==> flow/design.v <==
module dp_summer_full_adder (
  input wire a,
  input wire b,
  input wire ci,
  output wire s,
  output wire co
);
  assign {co, s} = a + b + ci;
endmodule
module dp_summer #(
  parameter NBITS = 40
) (
  input ck,
  input i_rst_n,
  input ce,
  input [NBITS-1:0] arg0_i,
  input [NBITS-1:0] arg1_i,
  input carry_in_i,
  output reg [NBITS-1:0] result_o,
  output reg ovf_o
);
  wire [NBITS-1:0] t;
  wire [NBITS:0] cy;
  assign cy[0] = carry_in_i;
  genvar k;
  generate
    for (k = 0; k < NBITS; k = k + 1) begin : blk
      dp_summer_full_adder inst (.a(arg0_i[k]), .b(arg1_i[k]), .ci(cy[k]), .s(t[k]), .co(cy[k+1]));
    end
  endgenerate
  always @(posedge ck or negedge i_rst_n) begin
    if (!i_rst_n) begin
      result_o <= 0;
    end else if (ce) begin
      result_o <= t;
    end
  end
  always @(posedge ck or negedge i_rst_n) begin
    if (!i_rst_n) begin
      ovf_o <= 1'b0;
    end else if (ce) begin
      ovf_o <= cy[NBITS];
    end
  end
endmodule
## Reports on dp_summer

What the tools print for dp_summer, step after step.
Lines are those of the file above, counted from 1.
Library cell names are shortened.
Not given: -

| inputs | value |
|---|---|
| top module | dp_summer |
| clock port | ck |
| library | sky130hd |
| corner | tt_025C_1v80 |

## Word level

Source: Yosys, flattened and elaborated, memories not mapped. Widths are those after wreduce; folded enables and synchronous resets count as part of the registers. Registers that Yosys merges into a memory's read port (data or address) are not register bits. Print and check cells do not count. Equal cells are merged and count once.

| operators by class | value |
|---|---|
| magnitude comparators | 0 |
| mux-type cells | 0 |
| add/subtract/negate cells | 80 |
| $mul | 0 |
| equal/unequal tests | 0 |
| reduce/logical cells | 0 |
| divide/modulo/power cells | 0 |
| shifts and indexed selects | 0 |
| bitwise logic cells | 0 |

Operators with widths:

| operator | number |
|---|---|
| 1-bit by 1-bit adder with 2-bit output | 40 |
| 2-bit by 1-bit adder with 2-bit output | 40 |

| storage and ports | value |
|---|---|
| output and inout bits | 41 |
| clocked read ports x word width | 0 |
| input bits | 84 |
| register bits | 41 |
| word-level cells | 82 |
| memories kept | 0 |
| latch bits | 0 |
| bits in writable memories | 0 |
| ROM bits | 0 |

## Depth

Longest topological path by Yosys (ltp), each cell counted once; first at word level (registers and memories cut), then after technology mapping (sequential cells cut; the memories' decode and read muxes count).

| depth | value |
|---|---|
| depth in word-level cells | 41 |
| ABC_AREA | 0 |
| mapped depth | 44 |
| gate-level depth less buffers | 44 |

## Mapped cells and area

The flow's flattened synthesis, as Yosys stat reports it; memories are mapped. The netlist is that of the ABC_AREA named above (0 if unset); the other value can give another one.
Totals and module areas in this step are rounded.

Cell types:

| cell type | number |
|---|---|
| dfrtp_1 | 41 |
| fa_1 | 40 |
| mux2_4 | 36 |
| buf_12 | 3 |
| inv_1 | 9 |
| mux2_2 | 2 |
| mux2i_1 | 2 |
| buf_8 | 1 |
| buf_6 | 1 |
| a21oi_1 | 1 |
| nor2_1 | 1 |

| mapped netlist | value |
|---|---|
| flip-flops | 41 |
| mapped area | 2540 sq um |
| mapped cells | 137 |
| buffers | 5 |

The figures by module come from a second, unflattened synthesis with its own total; it is not the netlist above.

| second synthesis, totals | value |
|---|---|
| cell total of the unflattened synthesis | 127 |
| area (unflattened synthesis) | 2530 sq um |

Each row is one instance without its submodules.

By module:

| module | times used | area (sq um) | sequential area (sq um) | cells |
|---|---|---|---|---|
| dp_summer | 1 | 1730 | 1030 | 87 |
| dp_summer_full_adder | 40 | 20.0 | 0.0 | 1 |

## Worst setup path after synthesis

Path of least setup slack by OpenSTA after synthesis, without wires, with an ideal clock, recovery checks aside; 20% of the period is set as input and as output delay. Where synthesis merged equal registers, the netlist keeps one of their names.

| timing path post-synthesis | value |
|---|---|
| kind | input to register |
| from | in arg0_i[0] |
| to | reg result_o[39] |
| required time | 23.821 ns |
| time at the first pin | 4.780 ns |
| stages on the path | 44 |
| input delay | 4.780 ns |
| path delay | 15.311 ns |
| data arrival time | 20.012 ns |
| period | 23.9 ns |
| path slack | 3.809 ns |
| period reached after synthesis | 20.091 ns |

"path delay" is the arrival time less input delay plus setup time.
"stages on the path" counts driving pins, that of a launching flip-flop among them; a cell with two outputs on the path counts twice.
"period reached after synthesis" is the clock period less the worst setup slack; recovery checks do not enter. This is arithmetic on one report: input and output delays are still those of the set period (20% each).
Between the ends stands the longest chain of elaborated cells between them, by number of cells; it is not shown to be the way that was timed. Of several equally long chains one is given.
Each line given opens the expression or statement behind the cell; cells for indexed reads and writes are added by Yosys, which also makes memories of some case tables.

| on the way, post-synthesis | value |
|---|---|
| cells stage by stage | inv_1 > fa_1 > inv_1 > fa_1 > fa_1 > fa_1 > fa_1 > fa_1 > fa_1 > fa_1 > fa_1 > fa_1 > fa_1 > fa_1 > fa_1 > fa_1 > fa_1 > fa_1 > [8 not listed] > fa_1 > fa_1 > fa_1 > fa_1 > fa_1 > fa_1 > fa_1 > fa_1 > fa_1 > fa_1 > fa_1 > fa_1 > fa_1 > fa_1 > fa_1 > inv_1 > fa_1 > mux2i_1 |
| length of the longest elaborated chain | 41 |

Ends and longest elaborated chain, post-synthesis:

| what | line | RTL |
|---|---|---|
| start, declared | 16 | `input [NBITS-1:0] arg0_i,` |
| 1-bit by 1-bit adder with 2-bit output | 8 | `assign {co, s} = a + b + ci;` |
| 2-bit by 1-bit adder with 2-bit output (40 in a row) | 8 |  |
| end, assigned | 33 | `result_o <= 0;` |
| end, assigned | 35 | `result_o <= t;` |
| end, declared | 19 | `output reg [NBITS-1:0] result_o,` |

## Path in the finished layout

Path of least setup slack in the final report of flow run 1 (OpenROAD, finished layout, wires in). Where an end is a register, its clock arrival counts in the times.

| timing path after layout | value |
|---|---|
| kind | input to register |
| from | in arg1_i[0] |
| to | reg result_o[39] |
| time at the first pin | 4.60 ns |
| input delay | 4.60 ns |
| data arrival time | 21.05 ns |
| period | 23.0 ns |
| path slack | 2.16 ns |
| required time | 23.21 ns |
| stages on the path | 45 |

Between the ends stands the longest chain of elaborated cells between them, by number of cells; it is not shown to be the way that was timed. Of several equally long chains one is given.

| on the way, after layout | value |
|---|---|
| cells stage by stage | clkdlybuf4s50_1 > inv_1 > fa_1 > inv_1 > fa_1 > fa_1 > fa_1 > fa_1 > fa_1 > fa_1 > fa_1 > fa_1 > fa_1 > fa_1 > fa_1 > fa_1 > fa_1 > fa_1 > [9 not listed] > fa_1 > fa_1 > fa_1 > fa_1 > fa_1 > fa_1 > fa_1 > fa_1 > fa_1 > fa_1 > fa_1 > fa_1 > fa_1 > fa_1 > fa_1 > inv_1 > fa_1 > mux2i_1 |
| length of the longest elaborated chain | 41 |

Ends and longest elaborated chain, after layout:

| what | line | RTL |
|---|---|---|
| start, declared | 17 | `input [NBITS-1:0] arg1_i,` |
| 1-bit by 1-bit adder with 2-bit output | 8 | `assign {co, s} = a + b + ci;` |
| 2-bit by 1-bit adder with 2-bit output (40 in a row) | 8 |  |
| end, assigned | 33 | `result_o <= 0;` |
| end, assigned | 35 | `result_o <= t;` |
| end, declared | 19 | `output reg [NBITS-1:0] result_o,` |

Hand-over note for dp_summer

Design dp_summer on sky130hd. What follows are 3 stored runs of the flow, each under its own settings; their order means nothing. The constraints put input and output delay at 20% of the set period each and load the outputs with 0.01 pF.
"achieved clock period" = clock period - worst setup slack. The figure is calculated, with input and output delays left at 20% of the set period.
By "overall power" is meant OpenSTA's value without simulated activity: inputs other than the clock are taken to toggle once in ten clock periods, and the tool carries that through the logic.
The measured numbers are rounded.
A setting shown as . is not set for that run.

| run | period_ns | CORE_UTILIZATION | PLACE_DENSITY_LB_ADDON | CORE_MARGIN | CELL_PAD_IN_SITES_DETAIL_PLACEMENT | TNS_END_PERCENT | GPL_TIMING_DRIVEN | CAP_MARGIN | SLEW_MARGIN | SETUP_SLACK_MARGIN | CORE_ASPECT_RATIO | CELL_PAD_IN_SITES_GLOBAL_PLACEMENT | ABC_AREA | netlist area reported by Yosys (sq um) | die outline area (sq um) | utilization after layout | setup slack of the worst path (ns) | worst-case hold slack (ns) | overall power (mW) | achieved clock period (ns) |
|---|---|---|---|---|---|---|---|---|---|---|---|---|---|---|---|---|---|---|---|---|
| flow run 1 | 23.0 | 15 | 0.08 | 8 | 2 | 100 | 1 | 20 | 20 | . | . | . | . | 2540 | 21300 | 0.248 | 2.16 | 0.506 | 0.284 | 20.840 |
| flow run 2 | 23.9 | 40 | . | 2 | . | . | . | 20 | 20 | . | . | . | . | 2540 | 7000 | 0.626 | 3.08 | 0.510 | 0.260 | 20.815 |
| flow run 3 | 24.4 | 36 | . | 6 | 1 | . | . | 35 | 20 | -1.75 | 1.89 | 1 | 1 | 2450 | 9040 | 0.597 | 3.17 | 0.470 | 0.235 | 21.228 |

End of note.
